==> flow/design.v <==
module reg_word #(parameter N = 8) (
  input wire clk,
  input wire en,
  input wire [N-1:0] d,
  output reg [N-1:0] q
);
  always @(posedge clk)
    if (en) q <= d;
endmodule
module dp_reg_file_v2 #(
  parameter ENTRIES = 10,
  parameter DATA_W = 12,
  parameter N_READ = 4,
  parameter ADDR_W = $clog2(ENTRIES)
) (
  input  wire aclk,
  input  wire wr_i,
  input  wire [ADDR_W-1:0] wr_idx_i,
  input  wire [DATA_W-1:0] write_data_i,
  input  wire [N_READ*ADDR_W-1:0] rsel_i,
  output wire [N_READ*DATA_W-1:0] dout_o
);
  reg wr_ff;
  reg [ADDR_W-1:0] wr_idx_ff;
  reg [DATA_W-1:0] write_data_ff;
  always @(posedge aclk) begin
    wr_ff <= wr_i;
    wr_idx_ff <= wr_idx_i;
    write_data_ff <= write_data_i;
  end
  wire [ENTRIES*DATA_W-1:0] mem;
  genvar k;
  generate
    for (k = 0; k < ENTRIES; k = k + 1) begin : lane
      reg_word #(.N(DATA_W)) u (.clk(aclk), .en(wr_ff && wr_idx_ff == k), .d(write_data_ff), .q(mem[k*DATA_W +: DATA_W]));
    end
  endgenerate
  reg [N_READ*ADDR_W-1:0] rsel_ff;
  always @(posedge aclk) begin
    rsel_ff <= rsel_i;
  end
  wire [N_READ*DATA_W-1:0] nxt;
  genvar gj;
  generate
    for (gj = 0; gj < N_READ; gj = gj + 1) begin : g_bit
      assign nxt[gj*DATA_W +: DATA_W] = mem[rsel_ff[gj*ADDR_W +: ADDR_W]*DATA_W +: DATA_W];
    end
  endgenerate
  reg [N_READ*DATA_W-1:0] dout_ff;
  always @(posedge aclk) begin
    dout_ff <= nxt;
  end
  assign dout_o = dout_ff;
endmodule
Tool chain data of dp_reg_file_v2

Tool output for the design above, in the order of the flow.
Line numbers count from 1 in the design file above.
Operators carry their Yosys type and port widths (W data, S select, Z words).
Library cell names are shortened.
Not given: -

Design top: dp_reg_file_v2
Clock input: aclk
Cell library: sky130hd
Timing corner: tt_025C_1v80

Word level

Counts by Yosys on the flattened word-level netlist (proc, flatten, opt, wreduce; memories kept). Register bits leave out memories and registers merged into their read ports (data or address); mux counts leave out enables and synchronous resets folded into registers. Print and check cells are left out. Cells with the same type and inputs are merged into one.

Bits in read-only memories: 0
Register bits after elaboration: 201
Latch bits: 0
Clocked read ports x word width: 0
Output and inout bits: 48
Memories: 0
RAM bits: 0

Eq/ne operators: 9
Multiplexer cells: 0
$lt $le $gt $ge: 0
Shift operators: 4
Div/mod/pow operators: 0
Multipliers: 4
$add $sub $neg: 0
Bitwise operators: 0
Reductions and logical operators: 11

Operators with widths:

| cell                  | number |
| $shiftx A120 B9 Y12   | 4 |
| $mul A4 B2 Y6 const B | 4 |
| $eq A4 B3 Y1 const B  | 4 |
| $logic_and A1 B1 Y1   | 10 |
| $eq A4 B2 Y1 const B  | 2 |
| $eq A4 B4 Y1 const B  | 2 |
| $eq A4 B1 Y1 const B  | 1 |
| $logic_not A4 Y1      | 1 |

Depth

Longest topological path by Yosys (ltp), each cell counted once; first at word level (registers and memories cut), then after technology mapping (sequential cells cut; the memories' decode and read muxes count).

Depth after elaboration: 2
ABC_AREA: 1
Depth in mapped cells: 9

Netlist

Source: synth_stat.txt of the flow (Yosys; design flattened, memories mapped). It holds for the ABC_AREA given above (unset counts as 0); a run with the other value may have another netlist.

Cell types:

| cell type | number | area in all (µm²) |
| edfxtp_1  | 120    | 3.6E+03 |
| nand2_1   | 535    | 2.01E+03 |
| nand3_1   | 336    | 1.68E+03 |
| dfxtp_1   | 81     | 1.62E+03 |
| inv_1     | 124    | 465.446 |
| o21ai_0   | 48     | 240.23 |
| buf_2     | 43     | 215.206 |
| buf_6     | 12     | 135.13 |
| clkbuf_1  | 20     | 75.072 |
| buf_4     | 8      | 60.058 |
| nor2_1    | 9      | 33.782 |
| nor3_1    | 5      | 25.024 |
| buf_1     | 5      | 18.768 |
| inv_2     | 4      | 15.014 |
| nor3_2    | 1      | 10.01 |

Cells in the netlist: 1351
Mapped flip-flops: 201
Cell area after synthesis: 10208.5 µm²
Area of sequential cells: 5225.0 µm²

Timing after synthesis

Path of least setup slack by OpenSTA after synthesis, without wires, with an ideal clock, recovery checks aside; 20% of the period is set as input and as output delay. Where synthesis merged equal registers, the netlist keeps one of their names.

Path kind: register to register
Start: reg wr_idx_ff[1]
End: reg lane[9].u.q[0]
Period: 2.6 ns
Slack: 0.866 ns
Arrival time: 1.337 ns
Stages: 4
Path buffers: 0
Path delay: 1.733 ns
Data required time: 2.204 ns
Launch time at the first pin: 0.000 ns
Period reached after synthesis: 1.734 ns

"path delay" is the arrival time less input delay plus setup time.
"stages" counts driving pins, that of a launching flip-flop among them; a cell with two outputs on the path counts twice.
"period reached after synthesis" is the clock period less the worst setup slack; recovery checks do not enter. This is arithmetic on one report: input and output delays are still those of the set period (20% each).
The rows between start and end are the longest chain of elaborated cells between them; the timing report does not say that the signal goes this way. Where chains are equally long, one stands for them.
A line is the first line of the expression or statement that the cell stems from. Yosys adds cells for indexed reads and writes and turns some case tables into memories.

Cell sequence: dfxtp_1 inv_1 nand2_1 nor3_1
Length of the longest elaborated chain: 2
Elaborated cells on any way between the ends: 2
RTL lines with such cells: 1

Ends and longest elaborated chain, after synthesis:

| item                | line | RTL |
| from (decl)         | 24   | `reg [ADDR_W-1:0] wr_idx_ff;` |
| from (assign)       | 28   | `wr_idx_ff <= wr_idx_i;` |
| $eq A4 B4 Y1        | 35   | `reg_word #(.N(DATA_W)) u (.clk(aclk), .en(wr_ff && wr_idx_ff == k), .d(write_data_ff), .q(mem[k*DATA_W +: DATA ...` |
| $logic_and A1 B1 Y1 | 35   |  |
| to (assign)         | 8    | `if (en) q <= d;` |
| to (decl)           | 5    | `output reg [N-1:0] q` |

Worst path after layout

Path of least setup slack in the final report of run 1 (OpenROAD, finished layout, wires in). Where an end is a register, its clock arrival counts in the times.

Path kind: register to output
Start: reg dout_ff[4]
End: out dout_o[4]
Stages: 2
Period: 3.61 ns
Data required time: 2.89 ns
Launch time at the first pin: 0.50 ns
Path buffers: 1
Slack: 1.32 ns
Arrival time: 1.57 ns

Cell sequence: dfxtp_1 clkdlybuf4s50_1
Length of the longest elaborated chain: 0
Elaborated cells on any way between the ends: 0
RTL lines with such cells: 0

Ends and longest elaborated chain, post-layout:

| item          | line | RTL |
| from (decl)   | 49   | `reg [N_READ*DATA_W-1:0] dout_ff;` |
| from (assign) | 51   | `dout_ff <= nxt;` |
| to (decl)     | 21   | `output wire [N_READ*DATA_W-1:0] dout_o` |

Data sheet: physical implementation of dp_reg_file_v2

Measured data: module dp_reg_file_v2, platform sky130hd, 3 stored runs of the flow under differing settings, order arbitrary. Input and output delays are each 20% of the period that was set; the output load is 0.01 pF.
"period reached": clock period set for the run, less the worst setup slack. It is reckoned from that one timing run; input and output delays stay at 20% of the period that was set.
"worst setup path time" means the part of the period allowed to the worst setup path (the constraints hold back 20% at inputs and 20% at outputs) less its slack; where the path has registers, the arrival times of their clocks count too.
By "overall power" is meant OpenSTA's value without simulated activity: inputs other than the clock are taken to toggle once in ten clock periods, and the tool carries that through the logic.
A setting shown as -- is not set for that run.

| item                                   | run 1              | run 2              | run 3              |
| period_ns                              | 3.61               | 3.81               | 2.6                |
| CORE_UTILIZATION                       | 65                 | 67                 | 40                 |
| SETUP_SLACK_MARGIN                     | 0.15               | --                 | --                 |
| PLACE_DENSITY_LB_ADDON                 | 0.09               | 0.23               | --                 |
| CORE_ASPECT_RATIO                      | 0.94               | 1.81               | --                 |
| CORE_MARGIN                            | 3                  | 6                  | 2                  |
| TNS_END_PERCENT                        | 100                | --                 | --                 |
| ABC_AREA                               | 1                  | 1                  | --                 |
| CTS_CLUSTER_DIAMETER                   | 97                 | 234                | --                 |
| CAP_MARGIN                             | 30                 | 20                 | 20                 |
| SLEW_MARGIN                            | 20                 | 20                 | 20                 |
| GPL_TIMING_DRIVEN                      | --                 | 0                  | --                 |
| GPL_ROUTABILITY_DRIVEN                 | --                 | 0                  | --                 |
| CTS_CLUSTER_SIZE                       | --                 | 13                 | --                 |
| worst setup slack after layout (ns)    | 1.316              | 1.667              | 0.634              |
| die size (µm²)                         | 17246.3            | 18474.2            | 25085.8            |
| lowest hold slack (ns)                 | 0.599              | 0.612              | 0.453              |
| summed negative setup slack (ns)       | 0.000              | 0.000              | 0.000              |
| worst setup path time (ns)             | 1.57               | 1.38               | 1.45               |
| type of the worst setup path           | register to output | register to output | register to output |
| period reached (ns)                    | 2.294              | 2.143              | 1.966              |
| overall power (W)                      | 0.00545            | 0.004902           | 0.007718           |
| final utilization (%)                  | 78.1               | 79.7               | 49.7               |
| mapped cell area after synthesis (µm²) | 10208.5            | 10208.5            | 9534.1             |
